==> flow/design.v <==
module mul_rtl (clock, rst_i, op_a_i, op_b_i, m_o);
  parameter BITS = 14;
  parameter WB = 16;
  input clock;
  input rst_i;
  input [BITS-1:0] op_a_i;
  input [WB-1:0] op_b_i;
  output reg [BITS+WB-1:0] m_o;
  reg [BITS-1:0] op_a_d1;
  reg [WB-1:0] op_b_d1;
  always @(posedge clock or posedge rst_i) begin
    if (rst_i) begin
      op_a_d1 <= 0;
      op_b_d1 <= 0;
      m_o <= 0;
    end else begin
      op_a_d1 <= op_a_i;
      op_b_d1 <= op_b_i;
      m_o <= op_a_d1 * op_b_d1;
    end
  end
endmodule
From RTL to reports: mul_rtl
What the tools print for mul_rtl, step after step.
Line numbers count from 1 in the design file above.
Operators carry their Yosys type and port widths (W data, S select, Z words).
{ "inputs": {"top_module": "mul_rtl", "clock_port": "clock", "cell_library": "sky130hd", "corner": "tt_025C_1v80"} }

Word level
Yosys after proc, flatten, opt, wreduce and memory -nomap, before mapping. Enables and synchronous resets that opt folds into registers are not counted as muxes. Memory bits, and registers merged into a memory's read port (data or address), are not among the register bits. Print and check cells are not counted. Equal cells are merged and count once.
{ "op_classes": {"multipliers": 1} }
{ "op_table": {"columns": ["cell", "count"], "rows": [
  ["$mul A14 B16 Y30", 1]
]} }
{ "word_totals": {"register_bits": 60, "input_bits": 32, "output_inout_bits": 30, "elab_cells": 4} }

Depth
Longest topological path by Yosys (ltp), each cell counted once; first at word level (registers and memories cut), then after technology mapping (sequential cells cut; the memories' decode and read muxes count).
{ "depth": {"depth_word": 1, "ABC_AREA": 0, "depth_mapped": 22, "depth_no_buf": 21} }

After synthesis
Source: synth_stat.txt of the flow (Yosys; design flattened, memories mapped). It holds for the ABC_AREA given above (unset counts as 0); a run with the other value may have another netlist.
{ "by_type": {"columns": ["cell_type", "count", "type_area_um2"], "rows": [
  ["sky130_fd_sc_hd__fa_1", 165, 3.3E+03],
  ["sky130_fd_sc_hd__dfrtp_1", 60, 1501.44],
  ["sky130_fd_sc_hd__ha_1", 94, 1.18E+03],
  ["sky130_fd_sc_hd__and2_1", 112, 700.672],
  ["sky130_fd_sc_hd__inv_1", 176, 660.634],
  ["sky130_fd_sc_hd__nand2_1", 133, 499.229],
  ["sky130_fd_sc_hd__clkbuf_1", 35, 131.376],
  ["sky130_fd_sc_hd__a21oi_1", 26, 130.125],
  ["sky130_fd_sc_hd__xor2_1", 14, 122.618],
  ["sky130_fd_sc_hd__xnor2_1", 13, 113.859],
  ["sky130_fd_sc_hd__a21o_1", 13, 97.594],
  ["sky130_fd_sc_hd__o21ai_0", 17, 85.082],
  ["sky130_fd_sc_hd__nor2_1", 13, 48.797],
  ["sky130_fd_sc_hd__nor3_1", 7, 35.034],
  ["sky130_fd_sc_hd__nand3_1", 6, 30.029],
  ["sky130_fd_sc_hd__a31oi_1", 4, 25.024],
  ["sky130_fd_sc_hd__nand4_1", 4, 25.024],
  ["sky130_fd_sc_hd__a211oi_1", 3, 22.522]
]} }
Not listed: further types 19, cells in them 27.
{ "synth_totals": {"mapped_cells": 922, "mapped_area_um2": 8943.6, "sequential_area_um2": 1501.4, "ffs": 60} }

Worst setup path after synthesis
Source: OpenSTA report_checks on the synthesized netlist (no wires, ideal clock, input and output delay 20% of the period each), path of least setup slack; recovery checks are left aside. Register names are those of the netlist, which keeps one name where synthesis merged equal registers.
{ "synth_path": {"kind": "register -> register", "start": "register op_b_d1[7]", "end": "register m_o[18]", "period_ns": 6.91, "setup_ns": 0.094, "t_first_pin_ns": 0.000, "arrival_time_ns": 5.437, "t_required_ns": 6.816, "path_slack_ns": 1.379, "path_delay_ns": 5.531, "stages": 21, "n_path_buf": 1, "period_less_setup_slack_ns": 5.531} }
"path_delay_ns" = arrival - input delay + setup time.
"stages": output pins that drive a net of the path, with the launching flip-flop's if there is one; two outputs of one cell count as two.
"period_less_setup_slack_ns" = period - worst setup slack (recovery checks aside). The figure is calculated, with input and output delays left at 20% of the set period.
The rows between start and end are the longest chain of elaborated cells between them; the timing report does not say that the signal goes this way. Where chains are equally long, one stands for them.
Each line given opens the expression or statement behind the cell; cells for indexed reads and writes are added by Yosys, which also makes memories of some case tables.
{ "synth_via": {"cell_sequence": "sky130_fd_sc_hd__dfrtp_1 -> sky130_fd_sc_hd__clkbuf_1 -> sky130_fd_sc_hd__and2_1 -> sky130_fd_sc_hd__fa_1 -> sky130_fd_sc_hd__inv_1 -> sky130_fd_sc_hd__fa_1 -> sky130_fd_sc_hd__inv_1 -> sky130_fd_sc_hd__fa_1 -> sky130_fd_sc_hd__inv_1 -> sky130_fd_sc_hd__fa_1 -> sky130_fd_sc_hd__inv_1 -> sky130_fd_sc_hd__fa_1 -> sky130_fd_sc_hd__inv_1 -> sky130_fd_sc_hd__fa_1 -> sky130_fd_sc_hd__inv_1 -> sky130_fd_sc_hd__ha_1 -> sky130_fd_sc_hd__and3_2 -> sky130_fd_sc_hd__a221o_2 -> sky130_fd_sc_hd__a31o_2 -> sky130_fd_sc_hd__mux2i_1 -> sky130_fd_sc_hd__a211oi_1", "elab_chain_len": 1, "cells_between": 1, "cone_classes": "mul: 1"} }
{ "synth_lines": {"columns": ["element", "line_no", "source"], "rows": [
  ["start: declaration", 10, "reg [WB-1:0] op_b_d1;"],
  ["start: assignment", 14, "op_b_d1 <= 0;"],
  ["start: assignment", 18, "op_b_d1 <= op_b_i;"],
  ["$mul A14 B16 Y30", 19, "m_o <= op_a_d1 * op_b_d1;"],
  ["end: assignment", 15, "m_o <= 0;"],
  ["end: assignment", 19, null],
  ["end: declaration", 8, "output reg [BITS+WB-1:0] m_o;"]
]} }

Worst path after layout
Path of least setup slack in the final report of entry A (OpenROAD, finished layout, wires in). Where an end is a register, its clock arrival counts in the times.
{ "layout_path": {"kind": "register -> register", "start": "register op_b_d1[8]", "end": "register m_o[18]", "period_ns": 6.29, "setup_ns": 0.12, "t_first_pin_ns": 0.34, "arrival_time_ns": 6.25, "t_required_ns": 6.51, "path_slack_ns": 0.26, "stages": 19, "n_path_buf": 0} }
The rows between start and end are the longest chain of elaborated cells between them; the timing report does not say that the signal goes this way. Where chains are equally long, one stands for them.
{ "layout_via": {"cell_sequence": "sky130_fd_sc_hd__dfrtp_1 -> sky130_fd_sc_hd__and2_1 -> sky130_fd_sc_hd__fa_1 -> sky130_fd_sc_hd__inv_1 -> sky130_fd_sc_hd__fa_1 -> sky130_fd_sc_hd__inv_1 -> sky130_fd_sc_hd__fa_1 -> sky130_fd_sc_hd__fa_1 -> sky130_fd_sc_hd__fa_1 -> sky130_fd_sc_hd__inv_1 -> sky130_fd_sc_hd__fa_1 -> sky130_fd_sc_hd__inv_1 -> sky130_fd_sc_hd__ha_1 -> sky130_fd_sc_hd__a21oi_2 -> sky130_fd_sc_hd__nand2_1 -> sky130_fd_sc_hd__a221o_2 -> sky130_fd_sc_hd__a31o_2 -> sky130_fd_sc_hd__mux2i_1 -> sky130_fd_sc_hd__a211oi_1", "elab_chain_len": 1, "cells_between": 1, "cone_classes": "mul: 1"} }
{ "layout_lines": {"columns": ["element", "line_no", "source"], "rows": [
  ["start: declaration", 10, "reg [WB-1:0] op_b_d1;"],
  ["start: assignment", 14, "op_b_d1 <= 0;"],
  ["start: assignment", 18, "op_b_d1 <= op_b_i;"],
  ["$mul A14 B16 Y30", 19, "m_o <= op_a_d1 * op_b_d1;"],
  ["end: assignment", 15, "m_o <= 0;"],
  ["end: assignment", 19, null],
  ["end: declaration", 8, "output reg [BITS+WB-1:0] m_o;"]
]} }

Hand-over note for mul_rtl

mul_rtl through Yosys and OpenROAD on sky130hd: 3 stored runs, unordered, with their settings and measured results. The constraints put input and output delay at 20% of the set period each and load the outputs with 0.01 pF.
"achieved clock period (ns)": clock period set for the run, less the worst setup slack. It is reckoned from that one timing run; input and output delays stay at 20% of the period that was set.

settings of entry A
{
  "period_ns": 6.29,
  "CORE_UTILIZATION": 49,
  "SETUP_SLACK_MARGIN": 0.02,
  "PLACE_DENSITY": 0.38,
  "CELL_PAD_IN_SITES_GLOBAL_PLACEMENT": 3,
  "TNS_END_PERCENT": 50,
  "ABC_AREA": 0,
  "CAP_MARGIN": 40,
  "CORE_MARGIN": 2,
  "SLEW_MARGIN": 20
}
report of entry A
yosys chip area after synthesis (um^2): 8943.6
finish__design__die__area: 19348.8
finish__design__instance__area__stdcell: 10118.5
finish__design__instance__utilization: 0.5633
finish__timing__setup__ws: 0.259
finish__timing__hold__ws: 0.818
achieved clock period (ns): 6.031

settings of entry B
{
  "period_ns": 5.2,
  "CORE_UTILIZATION": 69,
  "PLACE_DENSITY_LB_ADDON": 0.18,
  "CORE_ASPECT_RATIO": 1.0,
  "CELL_PAD_IN_SITES_DETAIL_PLACEMENT": 2,
  "CTS_CLUSTER_DIAMETER": 281,
  "MAX_ROUTING_LAYER": "met4",
  "CAP_MARGIN": 20,
  "CORE_MARGIN": 2,
  "SLEW_MARGIN": 20
}
report of entry B: did not finish, place, DPL-0033

settings of entry C
{
  "period_ns": 6.91,
  "CAP_MARGIN": 20,
  "CORE_MARGIN": 2,
  "CORE_UTILIZATION": 40,
  "SLEW_MARGIN": 20
}
report of entry C
yosys chip area after synthesis (um^2): 8943.6
finish__design__die__area: 23571.5
finish__design__instance__area__stdcell: 10055.9
finish__design__instance__utilization: 0.4594
finish__timing__setup__ws: 0.875
finish__timing__hold__ws: 0.813
achieved clock period (ns): 6.035

End of note.
